==> flow/design.v <==
module my_multiplier #(
  parameter W = 10,
  parameter MULT_BY = 1445,
  parameter OUT_W = W + $clog2(MULT_BY + 1)
) (
  input  aclk,
  input  [W-1:0] lhs,
  output [OUT_W-1:0] out
);
  reg [W-1:0] r_lhs;
  always @(posedge aclk)
    r_lhs <= lhs;
  assign out = r_lhs * MULT_BY;
endmodule
Ticket comment

Reports on my_multiplier

Tool output for the members of one design family, told apart by "W", in the order of the flow.
The RTL above is that of W 10; lines are counted from 1 in the file of the member named.
Not given: -

Top: my_multiplier
Clock: aclk
Standard-cell library: sky130hd
Corner: tt_025C_1v80

Members of the sweep

Lines of each other member's file that are new or changed against the file above; lines that a member lacks are not shown.

New or changed lines:

| W  | line | text |
| 12 | 2    | `parameter W = 12,` |
| 14 | 2    | `parameter W = 14,` |
| 18 | 2    | `parameter W = 18,` |
| 20 | 2    | `parameter W = 20,` |
| 32 | 2    | `parameter W = 32,` |
| 36 | 2    | `parameter W = 36,` |

Elaborated design

Source: Yosys, flattened and elaborated, memories not mapped. Widths are those after wreduce; folded enables and synchronous resets count as part of the registers. Registers that Yosys merges into a memory's read port (data or address) are not register bits. Print and check cells do not count. Equal cells are merged and count once.

Storage and ports:

| W  | register bits | input bits | output and inout bits | elaborated cells |
| 10 | 10            | 11         | 21                    | 2 |
| 12 | 12            | 13         | 23                    | 2 |
| 14 | 14            | 15         | 25                    | 2 |
| 18 | 18            | 19         | 29                    | 2 |
| 20 | 20            | 21         | 31                    | 2 |
| 32 | 32            | 33         | 43                    | 2 |
| 36 | 36            | 37         | 47                    | 2 |

Cells by class:

| W  | multiply operators |
| 10 | 1 |
| 12 | 1 |
| 14 | 1 |
| 18 | 1 |
| 20 | 1 |
| 32 | 1 |
| 36 | 1 |

Operator list:

| W  | kind and count |
| 10 | 1 x multiplier 10 x 11 -> 21 bit with constant B |
| 12 | 1 x multiplier 12 x 11 -> 23 bit with constant B |
| 14 | 1 x multiplier 14 x 11 -> 25 bit with constant B |
| 18 | 1 x multiplier 18 x 11 -> 29 bit with constant B |
| 20 | 1 x multiplier 20 x 11 -> 31 bit with constant B |
| 32 | 1 x multiplier 32 x 11 -> 43 bit with constant B |
| 36 | 1 x multiplier 36 x 11 -> 47 bit with constant B |

Longest topological paths

Depth = most cells in a row (Yosys ltp): at word level without a register or memory, in the mapped netlist without a sequential cell, where the memories' decode and read muxes count.

Depth:

| W  | depth in word-level cells | ABC_AREA | gate-level depth with buffers | gate-level depth less buffers |
| 10 | 1                         | 0        | 15                            | 14 |
| 12 | 1                         | 0        | 16                            | 16 |
| 14 | 1                         | 0        | 18                            | 17 |
| 18 | 1                         | 0        | 17                            | 16 |
| 20 | 1                         | 0        | 18                            | 17 |
| 32 | 1                         | 0        | 19                            | 18 |
| 36 | 1                         | 0        | 19                            | 18 |

After synthesis

Source: synth_stat.txt of the flow (Yosys; design flattened, memories mapped). It holds for the ABC_AREA given above (unset counts as 0); a run with the other value may have another netlist.

Cells by type:

| W  | type and count |
| 10 | 69 x sky130_fd_sc_hd__ha_1; 20 x sky130_fd_sc_hd__fa_1; 10 x sky130_fd_sc_hd__dfxtp_1; 37 x sky130_fd_sc_hd__inv_1; 10 x sky130_fd_sc_hd__xor2_1; 7 x sky130_fd_sc_hd__xnor2_1; 12 x sky130_fd_sc_hd__a21oi_1; 10 x sky130_fd_sc_hd__o21ai_0; 9 x sky130_fd_sc_hd__nand2_1; 9 x sky130_fd_sc_hd__nor2_1; 3 x sky130_fd_sc_hd__a21oi_2; 2 x sky130_fd_sc_hd__a211oi_2; 3 x sky130_fd_sc_hd__buf_4; 2 x sky130_fd_sc_hd__o21bai_2; 1 x sky130_fd_sc_hd__a22oi_4; 2 x sky130_fd_sc_hd__mux2i_1; 4 x sky130_fd_sc_hd__o21ai_1; 3 x sky130_fd_sc_hd__nand4_1; (+24) |
| 12 | 70 x sky130_fd_sc_hd__ha_1; 28 x sky130_fd_sc_hd__fa_1; 12 x sky130_fd_sc_hd__dfxtp_1; 57 x sky130_fd_sc_hd__inv_1; 14 x sky130_fd_sc_hd__xnor2_1; 10 x sky130_fd_sc_hd__xor2_1; 13 x sky130_fd_sc_hd__a21oi_1; 17 x sky130_fd_sc_hd__nand2_1; 7 x sky130_fd_sc_hd__o21ai_1; 2 x sky130_fd_sc_hd__a41oi_2; 5 x sky130_fd_sc_hd__nand2b_1; 4 x sky130_fd_sc_hd__a211oi_1; 4 x sky130_fd_sc_hd__a21o_1; 5 x sky130_fd_sc_hd__nand3_1; 5 x sky130_fd_sc_hd__o21ai_0; 6 x sky130_fd_sc_hd__nor2_1; 3 x sky130_fd_sc_hd__o21a_1; 3 x sky130_fd_sc_hd__and3_1; (+18) |
| 14 | 80 x sky130_fd_sc_hd__ha_1; 38 x sky130_fd_sc_hd__fa_1; 92 x sky130_fd_sc_hd__inv_1; 14 x sky130_fd_sc_hd__dfxtp_1; 13 x sky130_fd_sc_hd__xnor2_1; 16 x sky130_fd_sc_hd__a21oi_1; 8 x sky130_fd_sc_hd__xor2_1; 5 x sky130_fd_sc_hd__a21o_1; 6 x sky130_fd_sc_hd__a31oi_1; 10 x sky130_fd_sc_hd__nand2_1; 6 x sky130_fd_sc_hd__nand3_1; 8 x sky130_fd_sc_hd__nor2_1; 5 x sky130_fd_sc_hd__o21ai_0; 3 x sky130_fd_sc_hd__and2_1; 3 x sky130_fd_sc_hd__nand2b_1; 2 x sky130_fd_sc_hd__o21ai_2; 1 x sky130_fd_sc_hd__a221oi_2; 2 x sky130_fd_sc_hd__buf_4; (+31) |
| 18 | 100 x sky130_fd_sc_hd__ha_1; 50 x sky130_fd_sc_hd__fa_1; 111 x sky130_fd_sc_hd__inv_1; 18 x sky130_fd_sc_hd__dfxtp_1; 17 x sky130_fd_sc_hd__xnor2_1; 16 x sky130_fd_sc_hd__xor2_1; 12 x sky130_fd_sc_hd__a21o_1; 17 x sky130_fd_sc_hd__a21oi_1; 15 x sky130_fd_sc_hd__nand2_1; 8 x sky130_fd_sc_hd__and2_1; 2 x sky130_fd_sc_hd__o31ai_4; 8 x sky130_fd_sc_hd__o21ai_0; 5 x sky130_fd_sc_hd__o21a_1; 7 x sky130_fd_sc_hd__nor2_1; 4 x sky130_fd_sc_hd__a31oi_1; 3 x sky130_fd_sc_hd__o21bai_1; 4 x sky130_fd_sc_hd__nand3_1; 2 x sky130_fd_sc_hd__a211o_1; (+28) |
| 20 | 103 x sky130_fd_sc_hd__ha_1; 61 x sky130_fd_sc_hd__fa_1; 137 x sky130_fd_sc_hd__inv_1; 20 x sky130_fd_sc_hd__dfxtp_1; 18 x sky130_fd_sc_hd__xnor2_1; 16 x sky130_fd_sc_hd__a21o_1; 20 x sky130_fd_sc_hd__a21oi_1; 9 x sky130_fd_sc_hd__xor2_1; 16 x sky130_fd_sc_hd__nand2_1; 12 x sky130_fd_sc_hd__nor2_1; 5 x sky130_fd_sc_hd__a21oi_2; 2 x sky130_fd_sc_hd__o31ai_4; 8 x sky130_fd_sc_hd__nand3_1; 4 x sky130_fd_sc_hd__o21ai_2; 5 x sky130_fd_sc_hd__and2_1; 5 x sky130_fd_sc_hd__nand4_1; 6 x sky130_fd_sc_hd__buf_2; 3 x sky130_fd_sc_hd__mux2i_1; (+50) |
| 32 | 158 x sky130_fd_sc_hd__ha_1; 98 x sky130_fd_sc_hd__fa_1; 219 x sky130_fd_sc_hd__inv_1; 32 x sky130_fd_sc_hd__dfxtp_1; 37 x sky130_fd_sc_hd__xor2_1; 27 x sky130_fd_sc_hd__xnor2_1; 42 x sky130_fd_sc_hd__a21oi_1; 37 x sky130_fd_sc_hd__nand2_1; 17 x sky130_fd_sc_hd__a21o_1; 16 x sky130_fd_sc_hd__and2_1; 15 x sky130_fd_sc_hd__o21ai_0; 18 x sky130_fd_sc_hd__nor2_1; 9 x sky130_fd_sc_hd__o21bai_1; 13 x sky130_fd_sc_hd__nand3_1; 5 x sky130_fd_sc_hd__buf_6; 7 x sky130_fd_sc_hd__a31oi_1; 5 x sky130_fd_sc_hd__a211oi_1; 6 x sky130_fd_sc_hd__nand4_1; (+69) |
| 36 | 125 x sky130_fd_sc_hd__fa_1; 167 x sky130_fd_sc_hd__ha_1; 275 x sky130_fd_sc_hd__inv_1; 36 x sky130_fd_sc_hd__dfxtp_1; 51 x sky130_fd_sc_hd__a21oi_1; 26 x sky130_fd_sc_hd__xnor2_1; 28 x sky130_fd_sc_hd__a21o_1; 18 x sky130_fd_sc_hd__xor2_1; 29 x sky130_fd_sc_hd__nand2_1; 16 x sky130_fd_sc_hd__nand4_1; 13 x sky130_fd_sc_hd__o21ai_1; 16 x sky130_fd_sc_hd__nor2_1; 12 x sky130_fd_sc_hd__o21ai_0; 7 x sky130_fd_sc_hd__o211ai_1; 7 x sky130_fd_sc_hd__o21bai_1; 8 x sky130_fd_sc_hd__buf_2; 6 x sky130_fd_sc_hd__a31oi_1; 5 x sky130_fd_sc_hd__and2_1; (+68) |

A list marked (+n) leaves out that many cells.

Mapped netlist:

| W  | standard cells after synthesis | synthesis area (µm²) | sequential part of the area (µm²) | flip-flop cells | buffer cells |
| 10 | 237                            | 2280.9               | 200.2                             | 10              | 4 |
| 12 | 283                            | 2660.1               | 240.2                             | 12              | 2 |
| 14 | 343                            | 3151.8               | 280.3                             | 14              | 7 |
| 18 | 427                            | 4050.1               | 360.3                             | 18              | 6 |
| 20 | 500                            | 4714.5               | 400.4                             | 20              | 10 |
| 32 | 830                            | 7522.2               | 640.6                             | 32              | 11 |
| 36 | 913                            | 8310.5               | 720.7                             | 36              | 16 |

Path before layout

Path of least setup slack by OpenSTA after synthesis, without wires, with an ideal clock, recovery checks aside; 20% of the period is set as input and as output delay. Where synthesis merged equal registers, the netlist keeps one of their names.

Path post-synthesis:

| W  | path type          | from          | to          | clock period (ns) | path slack (ns) | driving pins on the path | path delay (ns) | synthesis period reached (ns) |
| 10 | register to output | reg r_lhs[9]  | out out[19] | 6.53              | 1.044           | 16                       | 4.180           | 5.486 |
| 12 | register to output | reg r_lhs[1]  | out out[20] | 6.99              | 1.120           | 16                       | 4.472           | 5.87 |
| 14 | register to output | reg r_lhs[1]  | out out[23] | 7.12              | 1.137           | 18                       | 4.559           | 5.983 |
| 18 | register to output | reg r_lhs[1]  | out out[27] | 6.94              | 1.111           | 16                       | 4.441           | 5.829 |
| 20 | register to output | reg r_lhs[10] | out out[28] | 6.91              | 1.105           | 19                       | 4.423           | 5.805 |
| 32 | register to output | reg r_lhs[1]  | out out[39] | 7.46              | 1.192           | 19                       | 4.776           | 6.268 |
| 36 | register to output | reg r_lhs[6]  | out out[46] | 7.38              | 1.181           | 18                       | 4.723           | 6.199 |

"path delay" is the arrival time less input delay plus setup time.
At an output port there is no setup time.
"driving pins on the path": output pins that drive a net of the path, with the launching flip-flop's if there is one; two outputs of one cell count as two.
"synthesis period reached" is the clock period less the worst setup slack; recovery checks do not enter. This is arithmetic on one report: input and output delays are still those of the set period (20% each).
Between the ends stands the longest chain of elaborated cells between them, by number of cells; it is not shown to be the way that was timed. Of several equally long chains one is given.
A line is the first line of the expression or statement that the cell stems from. Yosys adds cells for indexed reads and writes and turns some case tables into memories.

On the way, post-synthesis, W 10:
Length of the longest elaborated chain: 1

Ends and longest elaborated chain, post-synthesis, W 10:

| what                         | line | text |
| start, declared              | 10   | `reg [W-1:0] r_lhs;` |
| start, assigned              | 12   | `r_lhs <= lhs;` |
| multiplier 10 x 11 -> 21 bit | 13   | `assign out = r_lhs * MULT_BY;` |
| end, declared                | 8    | `output [OUT_W-1:0] out` |

On the way, post-synthesis, W 36:
Length of the longest elaborated chain: 1

Ends and longest elaborated chain, post-synthesis, W 36:

| what                         | line | text |
| start, declared              | 10   | `reg [W-1:0] r_lhs;` |
| start, assigned              | 12   | `r_lhs <= lhs;` |
| multiplier 36 x 11 -> 47 bit | 13   | `assign out = r_lhs * MULT_BY;` |
| end, declared                | 8    | `output [OUT_W-1:0] out` |

Path in the finished layout

Path of least setup slack in the final report of the run of each member (OpenROAD, finished layout, wires in). Where an end is a register, its clock arrival counts in the times.

Path after layout:

| W  | path type          | from         | to          | clock period (ns) | path slack (ns) | driving pins on the path | data arrival time (ns) | buffers on the path |
| 10 | register to output | reg r_lhs[9] | out out[19] | 6.53              | 0.20            | 16                       | 5.02                   | 1 |
| 12 | register to output | reg r_lhs[1] | out out[20] | 6.99              | 0.35            | 17                       | 5.24                   | 1 |
| 14 | register to output | reg r_lhs[7] | out out[23] | 7.12              | 0.24            | 19                       | 5.45                   | 1 |
| 18 | register to output | reg r_lhs[5] | out out[22] | 6.94              | 0.22            | 17                       | 5.33                   | 1 |
| 20 | register to output | reg r_lhs[1] | out out[17] | 6.91              | 0.18            | 19                       | 5.35                   | 1 |
| 32 | register to output | reg r_lhs[4] | out out[40] | 7.46              | 0.21            | 20                       | 5.75                   | 1 |
| 36 | register to output | reg r_lhs[5] | out out[41] | 7.38              | 0.19            | 20                       | 5.71                   | 1 |

Layout results

One run of the flow (Yosys, OpenROAD) for each member, with settings and measured results. Input and output delays are each 20% of the period that was set; the output load is 0.01 pF.

CAP_MARGIN: 20
CORE_MARGIN: 2
CORE_UTILIZATION: 40
SLEW_MARGIN: 20

Settings by member:

| W  | period_ns |
| 10 | 6.53 |
| 12 | 6.99 |
| 14 | 7.12 |
| 18 | 6.94 |
| 20 | 6.91 |
| 32 | 7.46 |
| 36 | 7.38 |

Measured results:

| W  | cell area after synthesis (µm²) | area of the die (µm²) | standard-cell area after layout (µm²) | utilization (%) | worst setup slack after layout (ns) | total negative slack (ns) | worst hold slack (ns) | achieved clock period (ns) |
| 10 | 2280.9                          | 6322.6                | 2701.3                                | 49.1            | 0.200                               | 0.000                     | 1.523                 | 6.330 |
| 12 | 2660.1                          | 7318.8                | 3138.0                                | 49.1            | 0.354                               | 0.000                     | 1.610                 | 6.636 |
| 14 | 3151.8                          | 8605.4                | 3707.3                                | 48.2            | 0.244                               | 0.000                     | 1.617                 | 6.876 |
| 18 | 4050.1                          | 10946.4               | 4733.3                                | 48.2            | 0.219                               | 0.000                     | 1.573                 | 6.721 |
| 20 | 4714.5                          | 12670.9               | 5502.8                                | 48.0            | 0.177                               | 0.000                     | 1.568                 | 6.733 |
| 32 | 7522.2                          | 19919.1               | 8717.1                                | 46.9            | 0.214                               | 0.000                     | 1.634                 | 7.246 |
| 36 | 8310.5                          | 21945.5               | 9716.8                                | 47.9            | 0.194                               | 0.000                     | 1.621                 | 7.186 |

By "achieved clock period" is meant the clock period of the run minus its worst setup slack. This is arithmetic on one report: input and output delays are still those of the set period (20% each).
